==> flow/design.v <==
module alu_selector_v2_m2 #(parameter N = 1) (
    input wire [N-1:0] a,
    input wire [N-1:0] b,
    input wire s,
    output wire [N-1:0] y
);
    assign y = (a & {N{~s}}) | (b & {N{s}});
endmodule
module alu_selector_v2 #(
    parameter integer XLEN = 4,
    parameter integer LANES = 4,
    parameter integer SBITS = $clog2(LANES)
) (
    input  i_clk,
    input  rst_ni,
    input  [LANES*XLEN-1:0] src,
    input  [SBITS-1:0] s,
    output reg [XLEN-1:0] res
);
    reg [LANES*XLEN-1:0] src_reg;
    reg [SBITS-1:0] s_reg;
    wire [XLEN-1:0] nd [1:2*LANES-1];
    genvar k;
    generate
        for (k = 0; k < LANES; k = k + 1) begin : u_g
            assign nd[LANES+k] = src_reg[k*XLEN +: XLEN];
        end
        for (k = 1; k < LANES; k = k + 1) begin : g_bit
            alu_selector_v2_m2 #(.N(XLEN)) unit (.a(nd[2*k]), .b(nd[2*k+1]), .s(s_reg[SBITS - $clog2(k+1)]), .y(nd[k]));
        end
    endgenerate
    always @(posedge i_clk or negedge rst_ni) begin
        if (!rst_ni) begin
            src_reg <= 0;
            s_reg <= 0;
            res <= 0;
        end else begin
            src_reg <= src;
            s_reg <= s;
            res <= nd[1];
        end
    end
endmodule
## Tool chain data of alu_selector_v2

The steps from the RTL of alu_selector_v2 to its reports follow in flow order.
Line numbers count from 1 in the design file above.
Operators carry their Yosys type and port widths (W data, S select, Z words).
Cell names lack the library's common part.
Not given: -

| set-up | value |
|---|---|
| design top | alu_selector_v2 |
| clock input | i_clk |
| standard-cell library | sky130hd |
| library corner | tt_025C_1v80 |

## Elaborated design

Source: Yosys, flattened and elaborated. Widths are those after wreduce; folded enables and synchronous resets count as part of the registers. Registers that Yosys merges into a memory's read port (data or address) are not register bits. Print and check cells do not count. Equal cells are merged and count once.

| bit counts | value |
|---|---|
| output and inout bits | 4 |
| bits of input ports | 20 |
| register bits after elaboration | 22 |
| cells after elaboration | 14 |

| cells by class | value |
|---|---|
| bitwise logic cells | 11 |

Operator list:

| cell | number |
|---|---|
| $and A4 B4 Y4 | 6 |
| $or A4 B4 Y4 | 3 |
| $not A1 Y1 | 2 |

## Longest topological paths

Longest topological path by Yosys (ltp), each cell counted once; first at word level (registers and memories cut), then after technology mapping (sequential cells cut; the memories' decode and read muxes count).

| logic depth | value |
|---|---|
| word-level depth | 5 |
| ABC_AREA | 0 |
| depth in mapped cells | 1 |

## Synthesis result

Yosys stat after the flow's synthesis: flattened, memories mapped to cells. It holds for the ABC_AREA given above (unset counts as 0); a run with the other value may have another netlist.
The area totals of this step are shown rounded.

| synthesis totals | value |
|---|---|
| synthesis area | 655.6 um^2 |
| flip-flops | 22 |
| sequential area | 550.5 um^2 |
| buffer cells | 0 |
| cells in the netlist | 26 |

Cells by type:

| cell type | number |
|---|---|
| dfrtp_1 | 22 |
| mux4_1 | 4 |

The figures by module come from a second, unflattened synthesis with its own total; it is not the netlist above.

| unflattened totals | value |
|---|---|
| cells (unflattened synthesis) | 34 |
| area (unflattened synthesis) | 685.7 um^2 |

Each row is one instance without its submodules.

Modules:

| module | cells | times used | area (um^2) |
|---|---|---|---|
| alu_selector_v2 | 22 | 1 | 550.5 |
| alu_selector_v2_m2 #(N=4) | 4 | 3 | 45.0 |

## Path before layout

Source: OpenSTA report_checks on the synthesized netlist (no wires, ideal clock, input and output delay 20% of the period each), path of least setup slack; recovery checks are left aside. Register names are those of the netlist, which keeps one name where synthesis merged equal registers.

| timing path after synthesis | value |
|---|---|
| kind | flip-flop to flip-flop |
| start | reg s_reg[0] |
| end | reg res[0] |
| stages on the path | 2 |
| path buffers | 0 |
| period | 1350 ps |
| data arrival time | 936 ps |
| time at the first pin | 0 ps |
| path slack | 274 ps |
| delay of the path | 1076 ps |
| library setup time | 140 ps |
| required time | 1210 ps |
| synthesis period reached | 1076 ps |

"delay of the path" is the arrival time less input delay plus setup time.
"stages on the path" counts driving pins, that of a launching flip-flop among them; a cell with two outputs on the path counts twice.
"synthesis period reached" = period - worst setup slack (recovery checks aside). The figure is calculated, with input and output delays left at 20% of the set period.
The rows between start and end are the longest chain of elaborated cells between them; the timing report does not say that the signal goes this way. Where chains are equally long, one stands for them.
A line is the first line of the expression or statement that the cell stems from. Yosys adds cells for indexed reads and writes and turns some case tables into memories.

| on the way, after synthesis | value |
|---|---|
| path through | dfrtp_1 -> mux4_1 |
| length of the longest elaborated chain | 5 |
| elaborated cells between the ends (all ways) | 10 |
| RTL lines with such cells | 1 |
| classes of those cells | logic (10) |

Ends and longest elaborated chain, after synthesis:

| item | RTL line | source |
|---|---|---|
| start: declaration | 21 | `reg [SBITS-1:0] s_reg;` |
| start: assignment | 35 | `s_reg <= 0;` |
| start: assignment | 39 | `s_reg <= s;` |
| $not A1 Y1 | 7 | `assign y = (a & {N{~s}}) \| (b & {N{s}});` |
| $and A4 B4 Y4 | 7 |  |
| $or A4 B4 Y4 | 7 |  |
| $and A4 B4 Y4 | 7 |  |
| $or A4 B4 Y4 | 7 |  |
| end: assignment | 36 | `res <= 0;` |
| end: assignment | 40 | `res <= nd[1];` |
| end: declaration | 18 | `output reg [XLEN-1:0] res` |

## Timing after layout

From the final timing report of flow run B: the path of least setup slack in the routed layout; clock arrival at registers is part of the times.
The report prints the path's times to 10 ps; the period is as set.

| timing path post-layout | value |
|---|---|
| kind | flip-flop to output port |
| start | reg res[0] |
| end | out res[0] |
| external output delay | 280 ps |
| path slack | 160 ps |
| data arrival time | 950 ps |
| period | 1380 ps |
| path buffers | 1 |
| stages on the path | 2 |
| time at the first pin | 290 ps |
| required time | 1100 ps |

| on the way, post-layout | value |
|---|---|
| path through | dfrtp_1 -> dlygate4sd2_1 |
| length of the longest elaborated chain | 0 |
| elaborated cells between the ends (all ways) | 0 |
| RTL lines with such cells | 0 |

Ends and longest elaborated chain, post-layout:

| item | RTL line | source |
|---|---|---|
| start: declaration | 18 | `output reg [XLEN-1:0] res` |
| start: assignment | 36 | `res <= 0;` |
| start: assignment | 40 | `res <= nd[1];` |
| end: declaration | 18 |  |

Measured results for alu_selector_v2: 3 stored runs of the Yosys and OpenROAD flow on sky130hd. The settings differ; the order carries no meaning. The constraints put input and output delay at 20% of the set period each and load the outputs with 0.01 pF.
"critical path time" is the time allowed to the run's worst setup path (the clock period less input and output delay, where it has them) less its slack. Clock arrival times count: a late capture clock shortens it, a late launch clock lengthens it.
"total power of the final layout" is the tool's figure for a default switching activity; nothing was simulated.
"critical path time" is known to 10 ps.
Results are given in rounded form.
Settings: -- = not set for that run.
A result given as -- is not shown for that run.

| run name | period_ns | CORE_UTILIZATION | SETUP_SLACK_MARGIN | PLACE_DENSITY_LB_ADDON | CORE_ASPECT_RATIO | CELL_PAD_IN_SITES_DETAIL_PLACEMENT | ABC_AREA | GPL_TIMING_DRIVEN | GPL_ROUTABILITY_DRIVEN | CAP_MARGIN | CORE_MARGIN | SLEW_MARGIN | TNS_END_PERCENT | critical path time (ps) | worst path kind | post-route utilization (%) | post-route setup TNS (ps) | total die area (um^2) | total power of the final layout (µW) | std-cell area (final layout) (um^2) | worst slack on setup checks (ps) | Yosys chip area after synthesis (um^2) |
|---|---|---|---|---|---|---|---|---|---|---|---|---|---|---|---|---|---|---|---|---|---|---|
| flow run A | 0.907 | 56 | 0.13 | 0.12 | 1.52 | 1 | 0 | 0 | 0 | 35 | 2 | 20 | -- | -- | -- | -- | -- | -- | -- | -- | -- | -- |
| flow run B | 1.38 | 30 | -0.07 | 0.12 | -- | -- | -- | -- | -- | 20 | 2 | 20 | 20 | 950 | flip-flop to output port | 48.2 | 0 | 2576 | 1082 | 964.7 | 156 | 655.6 |
| flow run C | 1.35 | 40 | -- | -- | -- | -- | -- | -- | -- | 20 | 2 | 20 | -- | 950 | flip-flop to output port | 61.1 | 0 | 1979 | 1091 | 930.9 | 126 | 655.6 |

Flow run A: no results, floorplanning failed with PDN-0185
